==> flow/design.v <==
module my_addsub #(
    parameter integer W = 56
) (
    input  wire clk,
    input  wire [W-1:0] in0,
    input  wire subtract,
    output reg [W-1:0] result
);
    always @(posedge clk) begin
        result <= subtract ? -in0 : in0;
    end
endmodule
# Tool chain data of my_addsub
# The steps from the RTL of my_addsub to its reports follow in flow order.
# Lines are those of the file above, counted from 1.
# A cell with n/a has no value.
# inputs
top_module,my_addsub
clk_port,clk
lib,sky130hd
lib_corner,tt_025C_1v80

# After elaboration
# Counts by Yosys on the flattened word-level netlist (proc, flatten, opt, wreduce; memories kept). Register bits leave out memories and registers merged into their read ports (data or address); mux counts leave out enables and synchronous resets folded into registers. Print and check cells are left out. Cells with the same type and inputs are merged into one.
# bits
register_bits,56
input_bits,58
# classes
addsub,1
muxes,1
# op_table
operator,n
56-bit negation,1
56-bit two-way mux,1

# Depth
# Depth = most cells in a row (Yosys ltp): at word level without a register or memory, in the mapped netlist without a sequential cell, where the memories' decode and read muxes count.
# depth
word_depth,2
abc_area,0
depth_mapped,8
mapped_depth_nobuf,7

# Mapped cells and area
# Yosys stat after the flow's synthesis: flattened, memories mapped to cells. It holds for the ABC_AREA given above (unset counts as 0); a run with the other value may have another netlist.
# Totals and module areas in this step are rounded.
# by_type
type,n,type_area_um2
sky130_fd_sc_hd__dfxtp_1,56,1.12E+03
sky130_fd_sc_hd__xnor2_1,54,472.954
sky130_fd_sc_hd__o31ai_1,13,97.594
sky130_fd_sc_hd__nand2_1,21,78.826
sky130_fd_sc_hd__o41ai_1,9,78.826
sky130_fd_sc_hd__o21ai_0,15,75.072
sky130_fd_sc_hd__or3_1,11,68.816
sky130_fd_sc_hd__o41ai_2,4,65.062
sky130_fd_sc_hd__or4_1,7,52.55
sky130_fd_sc_hd__nor4_4,2,42.541
sky130_fd_sc_hd__nor2_1,8,30.029
sky130_fd_sc_hd__o41ai_4,1,27.526
sky130_fd_sc_hd__or4b_4,2,27.526
sky130_fd_sc_hd__nor3_1,5,25.024
sky130_fd_sc_hd__nor4_1,4,25.024
sky130_fd_sc_hd__nor4b_4,1,23.773
sky130_fd_sc_hd__clkbuf_1,6,22.522
sky130_fd_sc_hd__nand3_1,4,20.019
# Not listed: further types 14, cells in them 19.
# synth_totals
mapped_cells,242
yosys_area_mm2,0.00249
ff_cells,56
buffers,8

# Path before layout
# Path of least setup slack by OpenSTA after synthesis, without wires, with an ideal clock, recovery checks aside; 20% of the period is set as input and as output delay. Where synthesis merged equal registers, the netlist keeps one of their names.
# synth_path
kind,in2reg
start,input port in0[1]
end,register result[44]
clock_period_ps,2850
launch_ps,570
arrival_time_ps,2320
setup_slack_ps,458
path_delay_ps,1822
stages,8
synth_period_reached_ps,2392
# "path_delay_ps" is the arrival time less input delay plus setup time.
# "stages" counts driving pins, that of a launching flip-flop among them; a cell with two outputs on the path counts twice.
# "synth_period_reached_ps" = period - worst setup slack (recovery checks aside). The figure is calculated, with input and output delays left at 20% of the set period.
# The rows between start and end are the longest chain of elaborated cells between them; the timing report does not say that the signal goes this way. Where chains are equally long, one stands for them.
# A line is the first line of the expression or statement that the cell stems from. Yosys adds cells for indexed reads and writes and turns some case tables into memories.
# synth_between
path_cell_list,sky130_fd_sc_hd__inv_1 -> sky130_fd_sc_hd__ha_1 -> sky130_fd_sc_hd__or4b_4 -> sky130_fd_sc_hd__nor4b_4 -> sky130_fd_sc_hd__nand2_2 -> sky130_fd_sc_hd__buf_6 -> sky130_fd_sc_hd__o41ai_4 -> sky130_fd_sc_hd__xnor2_1
elab_chain_cells,2
cone_cells,2
lines_between,1
cone_classes,add/sub: 1; mux: 1
# synth_rtl
item,line,text
start: declaration,5,"input  wire [W-1:0] in0,"
56-bit negation,10,result <= subtract ? -in0 : in0;
56-bit two-way mux,10,
end: assignment,10,
end: declaration,7,output reg [W-1:0] result

# Path in the finished layout
# From the final timing report of flow run B: the path of least setup slack in the routed layout; clock arrival at registers is part of the times.
# The path's times are printed in steps of 10 ps; the period is the one set.
# layout_path
kind,in2reg
start,input port in0[1]
end,register result[52]
clock_period_ps,2850
launch_ps,570
arrival_time_ps,2930
setup_slack_ps,160
stages,9
# The rows between start and end are the longest chain of elaborated cells between them; the timing report does not say that the signal goes this way. Where chains are equally long, one stands for them.
# layout_between
path_cell_list,sky130_fd_sc_hd__clkdlybuf4s50_1 -> sky130_fd_sc_hd__inv_1 -> sky130_fd_sc_hd__ha_1 -> sky130_fd_sc_hd__or4b_4 -> sky130_fd_sc_hd__nor4b_4 -> sky130_fd_sc_hd__nand2_2 -> sky130_fd_sc_hd__buf_4 -> sky130_fd_sc_hd__o41ai_2 -> sky130_fd_sc_hd__xnor2_1
elab_chain_cells,2
cone_cells,2
lines_between,1
cone_classes,add/sub: 1; mux: 1
# layout_rtl
item,line,text
start: declaration,5,"input  wire [W-1:0] in0,"
56-bit negation,10,result <= subtract ? -in0 : in0;
56-bit two-way mux,10,
end: assignment,10,
end: declaration,7,output reg [W-1:0] result

# Module my_addsub, platform sky130hd: 3 stored runs of the flow (Yosys, OpenROAD) with differing settings, in no particular order. Input and output delays are each 20% of the period that was set; the output load is 0.01 pF.
# "clock_period_reached_ps": clock period set for the run, less the worst setup slack. It is reckoned from that one timing run; input and output delays stay at 20% of the period that was set.
# "worst_path_allowed_less_slack_ps" means the part of the period allowed to the worst setup path (the constraints hold back 20% at inputs and 20% at outputs) less its slack; where the path has registers, the arrival times of their clocks count too.
# "fin_power_uw": no workload was simulated; the value follows from the tool's default switching activity.
# "worst_path_allowed_less_slack_ps" is given in steps of 10 ps.
# Measured values are rounded.
# Among the settings, -- means not set for that run.
# A result given as -- is not shown for that run.
stored run,period_ns,CORE_UTILIZATION,SETUP_SLACK_MARGIN,PLACE_DENSITY,CORE_ASPECT_RATIO,CELL_PAD_IN_SITES_GLOBAL_PLACEMENT,CTS_CLUSTER_SIZE,CAP_MARGIN,CORE_MARGIN,SLEW_MARGIN,CELL_PAD_IN_SITES_DETAIL_PLACEMENT,ABC_AREA,GPL_ROUTABILITY_DRIVEN,CTS_CLUSTER_DIAMETER,holdWs_ps,worst_path_allowed_less_slack_ps,worst_path_kind,fin_power_uw,tns_ps,layout_stdcell_area_mm2,clock_period_reached_ps,synth_chip_area_mm2,final_die_area_mm2,setup_worst_slack_ps,layout_utilization_pct
flow run A,1.86,36,0.48,0.5,0.88,3,14,10,2,20,--,--,--,--,--,--,--,--,--,--,--,--,--,--,--
flow run B,2.85,40,--,--,--,--,--,20,2,20,--,--,--,--,779,2120,in2reg,1820,0,0.00413,2690,0.00249,0.00688,160,68.9
flow run C,2.84,49,--,0.48,--,--,--,20,4,20,1,1,0,76,--,--,--,--,--,--,--,--,--,--,--
# Flow run A: not finished: placement ended with error GPL-0301
# Flow run C: not finished: placement ended with error DPL-0033
